==> flow/design.v <==
module sync_compare #(
   parameter DWIDTH = 10
) (
   input wire i_clk,
   input wire valid,
   input wire [DWIDTH-1:0] dataa,
   input wire [DWIDTH-1:0] datab,
   input wire [DWIDTH-1:0] datac,
   output wire in_range
);
   reg r_in_range;
   always @(posedge i_clk) begin
      if (valid) begin
         r_in_range <= (dataa >= datab) && (dataa <= datac);
      end
   end
   assign in_range = r_in_range;
endmodule
# [Step by step through the tools: sync_compare]
# The steps from the RTL of sync_compare to its reports follow in flow order.
# Lines are those of the file above, counted from 1.
# Library cell names are shortened.
# Not given: n/a
[design] top="sync_compare" clock_port="i_clk" lib="sky130hd" corner="tt_025C_1v80"

# [Word-level counts]
# Yosys after proc, flatten, opt, wreduce and memory -nomap, before mapping. Enables and synchronous resets that opt folds into registers are not counted as muxes. Memory bits, and registers merged into a memory's read port (data or address), are not among the register bits. Print and check cells are not counted. Equal cells are merged and count once.
[word_totals] register_bits=1 out_inout_bits=1 input_bits=32
[op_classes] reduce_and_logical=1 n_cmp=2
[ops] op=">= comparator 10 bit" count=1
[ops] op="<= comparator 10 bit" count=1
[ops] op="logical AND 1 bit" count=1

# [Longest topological paths]
# Depth = most cells in a row (Yosys ltp): at word level without a register or memory, in the mapped netlist without a sequential cell, where the memories' decode and read muxes count.
[logic_depth] ltp_word=2 ABC_AREA=0 depth_mapped=6 mapped_depth_nobuf=6

# [Synthesis result]
# Yosys stat after the flow's synthesis: flattened, memories mapped to cells. It holds for the ABC_AREA given above (unset counts as 0); a run with the other value may have another netlist.
[types] cell="ha_1" count=20
[types] cell="inv_1" count=19
[types] cell="edfxtp_1" count=1
[types] cell="a21oi_1" count=5
[types] cell="o21ai_0" count=4
[types] cell="nor4b_2" count=1
[types] cell="nand2b_4" count=1
[types] cell="a211oi_2" count=1
[types] cell="nand4_1" count=2
[types] cell="mux2i_1" count=1
[types] cell="o32a_1" count=1
[types] cell="a41oi_1" count=1
[types] cell="and4_1" count=1
[types] cell="a211oi_1" count=1
[types] cell="a21o_1" count=1
[types] cell="nand2_1" count=2
[types] cell="nor3b_1" count=1
[types] cell="nor2b_1" count=1
# Other cell types: 3; their cells: 3.
[synth_totals] ff_cells=1 yosys_area_um2=538.0 sequential_area_um2=30.0 cells=67

# [Worst setup path after synthesis]
# Path of least setup slack by OpenSTA after synthesis, without wires, with an ideal clock, recovery checks aside; 20% of the period is set as input and as output delay. Where synthesis merged equal registers, the netlist keeps one of their names.
[synth_path] path_type="input to register" startpoint="in dataa[0]" endpoint="reg r_in_range" setup_slack_ps=316 input_delay_ps=394 clock_period_ps=1970 path_buffers=0 arrival_time_ps=1394 driving_pins=6 setup_time_ps=261 delay_ps=1261 period_less_setup_slack_ps=1654
# "delay_ps" is the arrival time less input delay plus setup time.
# "driving_pins": output pins that drive a net of the path, with the launching flip-flop's if there is one; two outputs of one cell count as two.
# "period_less_setup_slack_ps" is the clock period less the worst setup slack; recovery checks do not enter. This is arithmetic on one report: input and output delays are still those of the set period (20% each).
# The rows between start and end are the longest chain of elaborated cells between them; the timing report does not say that the signal goes this way. Where chains are equally long, one stands for them.
# A line is the first line of the expression or statement that the cell stems from. Yosys adds cells for indexed reads and writes and turns some case tables into memories.
[synth_via] path_cell_list="inv_1 -> ha_1 -> nand2b_4 -> a211oi_2 -> nor3_1 -> o32a_1" elab_chain_cells=2
[synth_lines] element="from (decl)" line_no=6 source="input wire [DWIDTH-1:0] dataa,"
[synth_lines] element=">= comparator 10 bit" line_no=14 source="r_in_range <= (dataa >= datab) && (dataa <= datac);"
[synth_lines] element="logical AND 1 bit" line_no=14
[synth_lines] element="to (assign)" line_no=14
[synth_lines] element="to (decl)" line_no=11 source="reg r_in_range;"

# [Timing after layout]
# Path of least setup slack in the final report of record 2 (OpenROAD, finished layout, wires in). Where an end is a register, its clock arrival counts in the times.
# The path's times are printed in steps of 10 ps; the period is the one set.
[layout_path] path_type="input to register" startpoint="in datac[8]" endpoint="reg r_in_range" setup_slack_ps=-50 clock_period_ps=1970 arrival_time_ps=1750 path_buffers=1 input_delay_ps=390 setup_time_ps=260 driving_pins=7
# The rows between start and end are the longest chain of elaborated cells between them; the timing report does not say that the signal goes this way. Where chains are equally long, one stands for them.
[layout_via] path_cell_list="clkdlybuf4s50_1 -> inv_1 -> ha_4 -> nand2_2 -> o21ai_4 -> mux2i_1 -> o32a_1" elab_chain_cells=2
[layout_lines] element="from (decl)" line_no=8 source="input wire [DWIDTH-1:0] datac,"
[layout_lines] element="<= comparator 10 bit" line_no=14 source="r_in_range <= (dataa >= datab) && (dataa <= datac);"
[layout_lines] element="logical AND 1 bit" line_no=14
[layout_lines] element="to (assign)" line_no=14
[layout_lines] element="to (decl)" line_no=11 source="reg r_in_range;"

# Record of 3 stored runs of the RTL-to-layout flow on sync_compare, platform sky130hd. The runs are unordered. Constraints: input delay and output delay 20% of the set period each, output load 0.01 pF.
# "timing.achieved_period_ps": clock period set for the run, less the worst setup slack. It is reckoned from that one timing run; input and output delays stay at 20% of the period that was set.
# By "worst_path_allowed_less_slack_ps" is meant the share of the clock period that the worst setup path is allowed (20% is reserved at inputs, 20% at outputs), minus its slack. Clock arrival times at its registers enter into it.
# "power_mw": no workload was simulated; the value follows from the tool's default switching activity.
# "worst_path_allowed_less_slack_ps" is known to 10 ps.
run="record 1" settings period_ns=3.1 CORE_UTILIZATION=50 SETUP_SLACK_MARGIN=0.55 PLACE_DENSITY_LB_ADDON=0.09 CORE_ASPECT_RATIO=0.89 CELL_PAD_IN_SITES_DETAIL_PLACEMENT=2 TNS_END_PERCENT=80 ABC_AREA=0 GPL_TIMING_DRIVEN=1 CTS_CLUSTER_DIAMETER=329 CAP_MARGIN=20 CORE_MARGIN=2 SLEW_MARGIN=20
run="record 1" outcome="no results, placement failed with DPL-0033"
run="record 2" settings period_ns=1.97 CAP_MARGIN=20 CORE_MARGIN=2 CORE_UTILIZATION=40 SLEW_MARGIN=20
run="record 2" results total_negative_slack_ps=-49 yosys.chip_area_um2=538.0 timing.achieved_period_ps=2019 timing.setup.ws_ps=-49 final_hold_ws_ps=1016 worst_path_allowed_less_slack_ps=1620 critical_path_type="input to register" final_util_pct=86.1 die_area_um2=1654.5 finish.stdcell_area_um2=1106.1 power_mw=0.2686
run="record 3" settings period_ns=1.92 CORE_UTILIZATION=35 PLACE_DENSITY=0.44 ABC_AREA=0 GPL_TIMING_DRIVEN=1 GPL_ROUTABILITY_DRIVEN=0 CAP_MARGIN=20 CORE_MARGIN=2 SLEW_MARGIN=20
run="record 3" results finish.stdcell_area_um2=1037.2 total_negative_slack_ps=0 power_mw=0.2307 yosys.chip_area_um2=538.0 die_area_um2=1866.7 worst_path_allowed_less_slack_ps=1480 critical_path_type="input to register" final_util_pct=70.5 timing.achieved_period_ps=1869 timing.setup.ws_ps=51 final_hold_ws_ps=981
